==> flow/design.v <==
module alu_summer_blk (ck, RST, i_a, i_b, i_cin, o_result, o_carry_out);
   parameter DW = 48;
   parameter BLK = 12;
   input ck;
   input RST;
   input [DW-1:0] i_a;
   input [DW-1:0] i_b;
   input i_cin;
   output [DW-1:0] o_result;
   output o_carry_out;
   localparam SLICES = DW / BLK;
   wire [DW-1:0] t;
   wire [SLICES:0] cy;
   assign cy[0] = i_cin;
   genvar ii;
   generate
      for (ii = 0; ii < SLICES; ii = ii + 1) begin : stage
         wire [BLK:0] s0 = i_a[ii*BLK +: BLK] + i_b[ii*BLK +: BLK];
         wire [BLK:0] s1 = i_a[ii*BLK +: BLK] + i_b[ii*BLK +: BLK] + 1'b1;
         assign {cy[ii+1], t[ii*BLK +: BLK]} = cy[ii] ? s1 : s0;
      end
   endgenerate
   reg [DW-1:0] result_r;
   always @(posedge ck) begin
      if (RST) begin
         result_r <= 0;
      end else begin
         result_r <= t;
      end
   end
   assign o_result = result_r;
   reg carry_out_r;
   always @(posedge ck) begin
      if (RST) begin
         carry_out_r <= 1'b0;
      end else begin
         carry_out_r <= cy[SLICES];
      end
   end
   assign o_carry_out = carry_out_r;
endmodule
Step by step through the tools: alu_summer_blk
Tool output for the design above, in the order of the flow.
Line numbers count from 1 in the design file above.
Cell names lack the library's common part.
{"block": "setup", "top": "alu_summer_blk", "clk_port": "ck", "lib": "sky130hd", "lib_corner": "tt_025C_1v80"}

Elaborated design
Source: Yosys, flattened and elaborated, memories not mapped. Widths are those after wreduce; folded enables and synchronous resets count as part of the registers. Registers that Yosys merges into a memory's read port (data or address) are not register bits. Print and check cells do not count. Equal cells are merged and count once.
{"block": "bits", "input_bits": 99, "ff_bits": 49, "output_inout_bits": 49}
{"block": "classes", "n_addsub": 8, "n_mux": 4}
{"block": "ops", "cell": "12-bit by 12-bit adder with 13-bit output", "n": 4}
{"block": "ops", "cell": "13-bit by 1-bit adder with 13-bit output with constant B", "n": 4}
{"block": "ops", "cell": "13-bit 2-to-1 mux", "n": 4}

Longest topological paths
Depth = most cells in a row (Yosys ltp): at word level without a register or memory, in the mapped netlist without a sequential cell, where the memories' decode and read muxes count.
{"block": "logic_depth", "depth_word": 6, "abc_area": 0, "mapped_depth": 16, "ltp_nobuf": 14}

After synthesis
The flow's flattened synthesis, as Yosys stat reports it; memories are mapped. The netlist is that of the ABC_AREA named above (0 if unset); the other value can give another one.
{"block": "synth_totals", "flip_flops": 49, "sequential_area_um2": 980.9, "buf_cells": 12, "area_um2": 4431.8, "stdcells": 561}
{"block": "by_type", "type": "dfxtp_1", "n": 49, "type_area_um2": 980.941}
{"block": "by_type", "type": "ha_1", "n": 52, "type_area_um2": 650.624}
{"block": "by_type", "type": "xnor2_1", "n": 35, "type_area_um2": 306.544}
{"block": "by_type", "type": "nor2_1", "n": 70, "type_area_um2": 262.752}
{"block": "by_type", "type": "xor2_1", "n": 25, "type_area_um2": 218.96}
{"block": "by_type", "type": "a21oi_1", "n": 33, "type_area_um2": 165.158}
{"block": "by_type", "type": "nand2_1", "n": 42, "type_area_um2": 157.651}
{"block": "by_type", "type": "nand3_1", "n": 25, "type_area_um2": 125.12}
{"block": "by_type", "type": "nor3_1", "n": 23, "type_area_um2": 115.11}
{"block": "by_type", "type": "inv_1", "n": 27, "type_area_um2": 101.347}
{"block": "by_type", "type": "o21ai_0", "n": 19, "type_area_um2": 95.091}
{"block": "by_type", "type": "fa_1", "n": 4, "type_area_um2": 80.077}
{"block": "by_type", "type": "a211oi_1", "n": 10, "type_area_um2": 75.072}
{"block": "by_type", "type": "nand4_1", "n": 11, "type_area_um2": 68.816}
{"block": "by_type", "type": "or3_1", "n": 10, "type_area_um2": 62.56}
{"block": "by_type", "type": "a21o_1", "n": 8, "type_area_um2": 60.058}
{"block": "by_type", "type": "and3_1", "n": 8, "type_area_um2": 50.048}
{"block": "by_type", "type": "a31o_2", "n": 5, "type_area_um2": 43.792}
Other cell types: 44; their cells: 105.

Timing after synthesis
OpenSTA on the mapped netlist: ideal clock, no wires. The path of least setup slack (recovery checks aside). Input and output delay are each 20% of the period. Register names are those of the netlist, which keeps one name where synthesis merged equal registers.
{"block": "synth_path", "path_type": "in2reg", "start": "in i_a[0]", "end": "reg carry_out_r", "path_slack_ns": 0.896, "path_delay_ns": 3.600, "driving_pins": 14, "period_ns": 5.62, "in_delay_ns": 1.124, "arrival_ns": 4.603, "n_path_buf": 0, "setup_time_ns": 0.121, "synth_period_reached_ns": 4.724}
"path_delay_ns" = arrival - input delay + setup time.
"driving_pins" counts driving pins, that of a launching flip-flop among them; a cell with two outputs on the path counts twice.
"synth_period_reached_ns" = period - worst setup slack (recovery checks aside). The figure is calculated, with input and output delays left at 20% of the set period.
The rows between start and end are the longest chain of elaborated cells between them; the timing report does not say that the signal goes this way. Where chains are equally long, one stands for them.
A line is the first line of the expression or statement that the cell stems from. Yosys adds cells for indexed reads and writes and turns some case tables into memories.
{"block": "synth_between", "cell_sequence": "ha_1 inv_1 fa_1 nand2b_1 a211oi_2 nand2b_1 xor2_2 nand4_1 o41a_1 nor4_2 xor2_1 a31oi_2 nor4_1 mux2_2", "elab_chain_cells": 6, "cone_cells": 6}
{"block": "synth_rtl", "element": "start: declaration", "line": 6, "rtl": "input [DW-1:0] i_a;"}
{"block": "synth_rtl", "element": "12-bit by 12-bit adder with 13-bit output", "line": 19, "rtl": "wire [BLK:0] s1 = i_a[ii*BLK +: BLK] + i_b[ii*BLK +: BLK] + 1'b1;"}
{"block": "synth_rtl", "element": "13-bit by 1-bit adder with 13-bit output", "line": 19}
{"block": "synth_rtl", "element": "13-bit 2-to-1 mux x4", "line": 20, "rtl": "assign {cy[ii+1], t[ii*BLK +: BLK]} = cy[ii] ? s1 : s0;"}
{"block": "synth_rtl", "element": "end: assignment", "line": 35, "rtl": "carry_out_r <= 1'b0;"}
{"block": "synth_rtl", "element": "end: assignment", "line": 37, "rtl": "carry_out_r <= cy[SLICES];"}
{"block": "synth_rtl", "element": "end: declaration", "line": 32, "rtl": "reg carry_out_r;"}

Timing after layout
Path of least setup slack in the final report of entry A (OpenROAD, finished layout, wires in). Where an end is a register, its clock arrival counts in the times.
{"block": "layout_path", "path_type": "in2reg", "start": "in i_a[0]", "end": "reg result_r[41]", "period_ns": 5.62, "in_delay_ns": 1.12, "arrival_ns": 5.39, "n_path_buf": 1, "setup_time_ns": 0.10, "driving_pins": 15, "path_slack_ns": 0.42}
The rows between start and end are the longest chain of elaborated cells between them; the timing report does not say that the signal goes this way. Where chains are equally long, one stands for them.
{"block": "layout_between", "cell_sequence": "clkdlybuf4s50_1 ha_1 inv_1 fa_1 nand2b_1 a211oi_2 nand2b_1 xor2_2 nand4_1 o41a_1 nor4_2 xor2_1 and4_1 nor4_1 mux2_1", "elab_chain_cells": 6, "cone_cells": 6}
{"block": "layout_rtl", "element": "start: declaration", "line": 6, "rtl": "input [DW-1:0] i_a;"}
{"block": "layout_rtl", "element": "12-bit by 12-bit adder with 13-bit output", "line": 19, "rtl": "wire [BLK:0] s1 = i_a[ii*BLK +: BLK] + i_b[ii*BLK +: BLK] + 1'b1;"}
{"block": "layout_rtl", "element": "13-bit by 1-bit adder with 13-bit output", "line": 19}
{"block": "layout_rtl", "element": "13-bit 2-to-1 mux x4", "line": 20, "rtl": "assign {cy[ii+1], t[ii*BLK +: BLK]} = cy[ii] ? s1 : s0;"}
{"block": "layout_rtl", "element": "end: assignment", "line": 26, "rtl": "result_r <= 0;"}
{"block": "layout_rtl", "element": "end: assignment", "line": 28, "rtl": "result_r <= t;"}
{"block": "layout_rtl", "element": "end: declaration", "line": 23, "rtl": "reg [DW-1:0] result_r;"}

Appendix: measured runs

Design alu_summer_blk on sky130hd. What follows are 3 stored runs of the flow, each under its own settings; their order means nothing. The constraints put input and output delay at 20% of the set period each and load the outputs with 0.01 pF.
"achievedPeriod_ns": clock period set for the run, less the worst setup slack. It is reckoned from that one timing run; input and output delays stay at 20% of the period that was set.
By "critical_path_time_ns" is meant the share of the clock period that the worst setup path is allowed (20% is reserved at inputs, 20% at outputs), minus its slack. Clock arrival times at its registers enter into it.
By "total_power_mw" is meant OpenSTA's value without simulated activity: inputs other than the clock are taken to toggle once in ten clock periods, and the tool carries that through the logic.

{"run": "entry A", "settings": { "period_ns": 5.62, "CAP_MARGIN": 20, "CORE_MARGIN": 2, "CORE_UTILIZATION": 40, "SLEW_MARGIN": 20 }, "results": { "fin_hold_ws_ns": 1.435, "dieArea_um2": 11937.7, "total_power_mw": 1.345, "achievedPeriod_ns": 5.197, "total_negative_slack_ns": 0.000, "finalUtil_frac": 0.572, "synthesis_area_um2": 4431.8, "critical_path_time_ns": 4.07, "critical_path_kind": "in2reg", "setup_ws_ns": 0.423, "cell_area_final_um2": 6198.4 }}
{"run": "entry B", "settings": { "period_ns": 3.49, "CORE_UTILIZATION": 50, "PLACE_DENSITY_LB_ADDON": 0.26, "TNS_END_PERCENT": 60, "GPL_TIMING_DRIVEN": 1, "CTS_CLUSTER_SIZE": 77, "SLEW_MARGIN": 0, "MIN_ROUTING_LAYER": "met2", "CAP_MARGIN": 20, "CORE_MARGIN": 2 }, "outcome": "unfinished; error DPL-0038 in routing"}
{"run": "entry C", "settings": { "period_ns": 3.27, "CORE_UTILIZATION": 56, "PLACE_DENSITY": 0.62, "CORE_ASPECT_RATIO": 0.56, "CORE_MARGIN": 3, "CELL_PAD_IN_SITES_GLOBAL_PLACEMENT": 2, "GPL_TIMING_DRIVEN": 0, "GPL_ROUTABILITY_DRIVEN": 0, "CTS_CLUSTER_SIZE": 31, "SLEW_MARGIN": 15, "MAX_ROUTING_LAYER": "met4", "CAP_MARGIN": 20 }, "outcome": "unfinished; error GPL-0301 in placement"}
